==> flow/design.v <==
module mult #(
    parameter DW = 20
) (
    input  aclk,
    input  rst_i,
    input  [DW-1:0] arg0,
    input  [DW-1:0] arg1,
    output reg [DW-1:0] mul
);
    always @(posedge aclk or posedge rst_i) begin
        if (rst_i) begin
            mul <= 0;
        end else begin
            mul <= arg0 * arg1;
        end
    end
endmodule
From RTL to reports: mult

The steps from the RTL of mult to its reports follow in flow order.
Line numbers count from 1 in the design file above.
Operators: Yosys type, input widths -> output width; for muxes data width and select width s.
A cell with n/a has no value.

Design top: mult
Clock port: aclk
Cell library: sky130hd
Library corner: tt_025C_1v80

After elaboration

Yosys after proc, flatten, opt, wreduce and memory -nomap, before mapping. Enables and synchronous resets that opt folds into registers are not counted as muxes. Memory bits, and registers merged into a memory's read port (data or address), are not among the register bits. Print and check cells are not counted. Equal cells are merged and count once.

Register bits: 20
Bits in latches: 0
Bits in writable memories: 0
Memory bits (read-only): 0
Word width x clocked read ports: 0
Memories: 0
Output and inout bits: 20
Cells after elaboration: 2

Add/sub/neg operators: 0
$mul: 1
Divide/modulo/power cells: 0
Magnitude comparators: 0
Equality and inequality tests: 0
Shifts and indexed selects: 0
Multiplexer cells: 0
Bitwise operators: 0
Reductions and logical operators: 0

Operators with widths:

| cell           | number |
| $mul 20x20->20 | 1 |

Longest topological paths

Yosys ltp: most cells in a row. Word level: on the elaborated netlist, between registers, memories and ports. Mapped: between sequential cells and ports; inverters and the memories' decode and read muxes count.

Depth in word-level cells: 1
ABC_AREA: 1
Depth in mapped cells: 30
Mapped depth without buffers: 28

Synthesis result

Source: synth_stat.txt of the flow (Yosys; design flattened, memories mapped). It holds for the ABC_AREA given above (unset counts as 0); a run with the other value may have another netlist.
The area totals of this step are shown rounded.

Cell count: 1017
Cell area after synthesis: 7373 um^2
Sequential part of the area: 500.5 um^2
Flip-flop cells: 20

Cells by type:

| cell                      | number |
| sky130_fd_sc_hd__fa_1     | 137 |
| sky130_fd_sc_hd__inv_1    | 338 |
| sky130_fd_sc_hd__nand2_1  | 304 |
| sky130_fd_sc_hd__ha_1     | 69 |
| sky130_fd_sc_hd__dfrtp_1  | 20 |
| sky130_fd_sc_hd__nand3_1  | 31 |
| sky130_fd_sc_hd__xor2_1   | 13 |
| sky130_fd_sc_hd__nand2_2  | 13 |
| sky130_fd_sc_hd__a21oi_1  | 16 |
| sky130_fd_sc_hd__buf_4    | 10 |
| sky130_fd_sc_hd__clkbuf_1 | 20 |
| sky130_fd_sc_hd__nor2_1   | 12 |
| sky130_fd_sc_hd__xnor2_1  | 5 |
| sky130_fd_sc_hd__o21ai_0  | 5 |
| sky130_fd_sc_hd__buf_6    | 2 |
| sky130_fd_sc_hd__nand3b_1 | 3 |
| sky130_fd_sc_hd__buf_2    | 4 |
| sky130_fd_sc_hd__nand3_2  | 2 |

Not listed: further types 9, cells in them 13.

Worst setup path after synthesis

Path of least setup slack by OpenSTA after synthesis, without wires, with an ideal clock, recovery checks aside; 20% of the period is set as input and as output delay. Where synthesis merged equal registers, the netlist keeps one of their names.

Path type: input-to-reg
Start: input arg1[3]
End: register mul[19]
Period: 8530 ps
Input delay: 1706 ps
Library setup time: 116 ps
Time at the first pin: 1706 ps
Arrival time: 6926 ps
Path slack: 1487 ps
Delay of the path: 5336 ps
Stages: 28
Path buffers: 2
Synthesis period reached: 7043 ps

"delay of the path" is the arrival time less input delay plus setup time.
"stages" counts driving pins, that of a launching flip-flop among them; a cell with two outputs on the path counts twice.
"synthesis period reached" = period - worst setup slack (recovery checks aside). The figure is calculated, with input and output delays left at 20% of the set period.
The rows between start and end are the longest chain of elaborated cells between them; the timing report does not say that the signal goes this way. Where chains are equally long, one stands for them.
A line is the first line of the expression or statement that the cell stems from. Yosys adds cells for indexed reads and writes and turns some case tables into memories.

Cells stage by stage: sky130_fd_sc_hd__buf_4 sky130_fd_sc_hd__clkbuf_1 sky130_fd_sc_hd__nand2_1 sky130_fd_sc_hd__inv_1 sky130_fd_sc_hd__fa_1 sky130_fd_sc_hd__fa_1 sky130_fd_sc_hd__inv_1 sky130_fd_sc_hd__fa_1 sky130_fd_sc_hd__inv_1 sky130_fd_sc_hd__fa_1 sky130_fd_sc_hd__inv_1 sky130_fd_sc_hd__fa_1 sky130_fd_sc_hd__inv_1 sky130_fd_sc_hd__fa_1 sky130_fd_sc_hd__inv_1 sky130_fd_sc_hd__fa_1 sky130_fd_sc_hd__inv_1 sky130_fd_sc_hd__ha_1 sky130_fd_sc_hd__nand2_1 sky130_fd_sc_hd__nor2_1 sky130_fd_sc_hd__nand3_1 sky130_fd_sc_hd__nand4_1 sky130_fd_sc_hd__nand2_1 sky130_fd_sc_hd__nand2_1 sky130_fd_sc_hd__a21oi_2 sky130_fd_sc_hd__inv_1 sky130_fd_sc_hd__nand3_1 sky130_fd_sc_hd__nand2_1
Cells in the longest elaborated chain: 1

Ends and longest elaborated chain, post-synthesis:

| what           | line | source |
| from (decl)    | 7    | `input  [DW-1:0] arg1,` |
| $mul 20x20->20 | 14   | `mul <= arg0 * arg1;` |
| to (assign)    | 12   | `mul <= 0;` |
| to (assign)    | 14   |  |
| to (decl)      | 8    | `output reg [DW-1:0] mul` |

Timing after layout

Path of least setup slack in the final report of record 1 (OpenROAD, finished layout, wires in). Where an end is a register, its clock arrival counts in the times.
The path's times are printed in steps of 10 ps; the period is the one set.

Path type: input-to-reg
Start: input arg1[6]
End: register mul[19]
Period: 13100 ps
Input delay: 2620 ps
Library setup time: 130 ps
Time at the first pin: 2620 ps
Arrival time: 9090 ps
Path slack: 4140 ps
Stages: 26
Path buffers: 2

The rows between start and end are the longest chain of elaborated cells between them; the timing report does not say that the signal goes this way. Where chains are equally long, one stands for them.

Cells stage by stage: sky130_fd_sc_hd__clkdlybuf4s50_1 sky130_fd_sc_hd__clkbuf_1 sky130_fd_sc_hd__nand2_1 sky130_fd_sc_hd__fa_1 sky130_fd_sc_hd__inv_1 sky130_fd_sc_hd__fa_1 sky130_fd_sc_hd__ha_1 sky130_fd_sc_hd__fa_1 sky130_fd_sc_hd__inv_1 sky130_fd_sc_hd__fa_1 sky130_fd_sc_hd__inv_1 sky130_fd_sc_hd__fa_1 sky130_fd_sc_hd__inv_1 sky130_fd_sc_hd__fa_1 sky130_fd_sc_hd__inv_1 sky130_fd_sc_hd__ha_1 sky130_fd_sc_hd__nand2_1 sky130_fd_sc_hd__nor2_1 sky130_fd_sc_hd__nand3_1 sky130_fd_sc_hd__nand4_1 sky130_fd_sc_hd__nand2_1 sky130_fd_sc_hd__nand2_1 sky130_fd_sc_hd__a21oi_4 sky130_fd_sc_hd__inv_1 sky130_fd_sc_hd__nand3_1 sky130_fd_sc_hd__nand2_1
Cells in the longest elaborated chain: 1

Ends and longest elaborated chain, post-layout:

| what           | line | source |
| from (decl)    | 7    | `input  [DW-1:0] arg1,` |
| $mul 20x20->20 | 14   | `mul <= arg0 * arg1;` |
| to (assign)    | 12   | `mul <= 0;` |
| to (assign)    | 14   |  |
| to (decl)      | 8    | `output reg [DW-1:0] mul` |

==> runs of mult <==
mult through Yosys and OpenROAD on sky130hd: 3 stored runs, unordered, with their settings and measured results. The constraints put input and output delay at 20% of the set period each and load the outputs with 0.01 pF.
"clock period reached" means the clock period less the worst setup slack. The figure is calculated, with input and output delays left at 20% of the set period.
"worst setup path time" means the part of the period allowed to the worst setup path (the constraints hold back 20% at inputs and 20% at outputs) less its slack; where the path has registers, the arrival times of their clocks count too.
"worst setup path time" is known to 10 ps.
Values from the reports are rounded here.
A setting shown as - is not set for that run.

| item                                   | record 1     | record 2     | record 3     |
| period_ns                              | 13.1         | 9.63         | 8.53         |
| CORE_UTILIZATION                       | 20           | 23           | 40           |
| SETUP_SLACK_MARGIN                     | 3.68         | 0.67         | -            |
| PLACE_DENSITY_LB_ADDON                 | 0.02         | -            | -            |
| CELL_PAD_IN_SITES_DETAIL_PLACEMENT     | 2            | 1            | -            |
| TNS_END_PERCENT                        | 10           | -            | -            |
| ABC_AREA                               | 1            | -            | -            |
| GPL_TIMING_DRIVEN                      | 0            | 1            | -            |
| CAP_MARGIN                             | 5            | 20           | 20           |
| MAX_ROUTING_LAYER                      | met5         | -            | -            |
| CORE_MARGIN                            | 2            | 9            | 2            |
| SLEW_MARGIN                            | 20           | 30           | 20           |
| PLACE_DENSITY                          | -            | 0.8          | -            |
| CORE_ASPECT_RATIO                      | -            | 1.89         | -            |
| CELL_PAD_IN_SITES_GLOBAL_PLACEMENT     | -            | 2            | -            |
| GPL_ROUTABILITY_DRIVEN                 | -            | 1            | -            |
| CTS_CLUSTER_DIAMETER                   | -            | 241          | -            |
| synthesis area (um^2)                  | 7373         | 6763         | 6763         |
| total die area (um^2)                  | 38420        | 36220        | 17960        |
| standard-cell area after layout (um^2) | 8528         | 7845         | 7791         |
| post-layout utilization                | 0.234        | 0.273        | 0.47         |
| worst slack on setup checks (ps)       | 4144         | 1377         | 869          |
| sum of negative setup slack (ps)       | 0            | 0            | 0            |
| clock period reached (ps)              | 8956         | 8253         | 7661         |
| worst setup path time (ps)             | 6340         | 6330         | 5950         |
| type of the worst setup path           | input-to-reg | input-to-reg | input-to-reg |
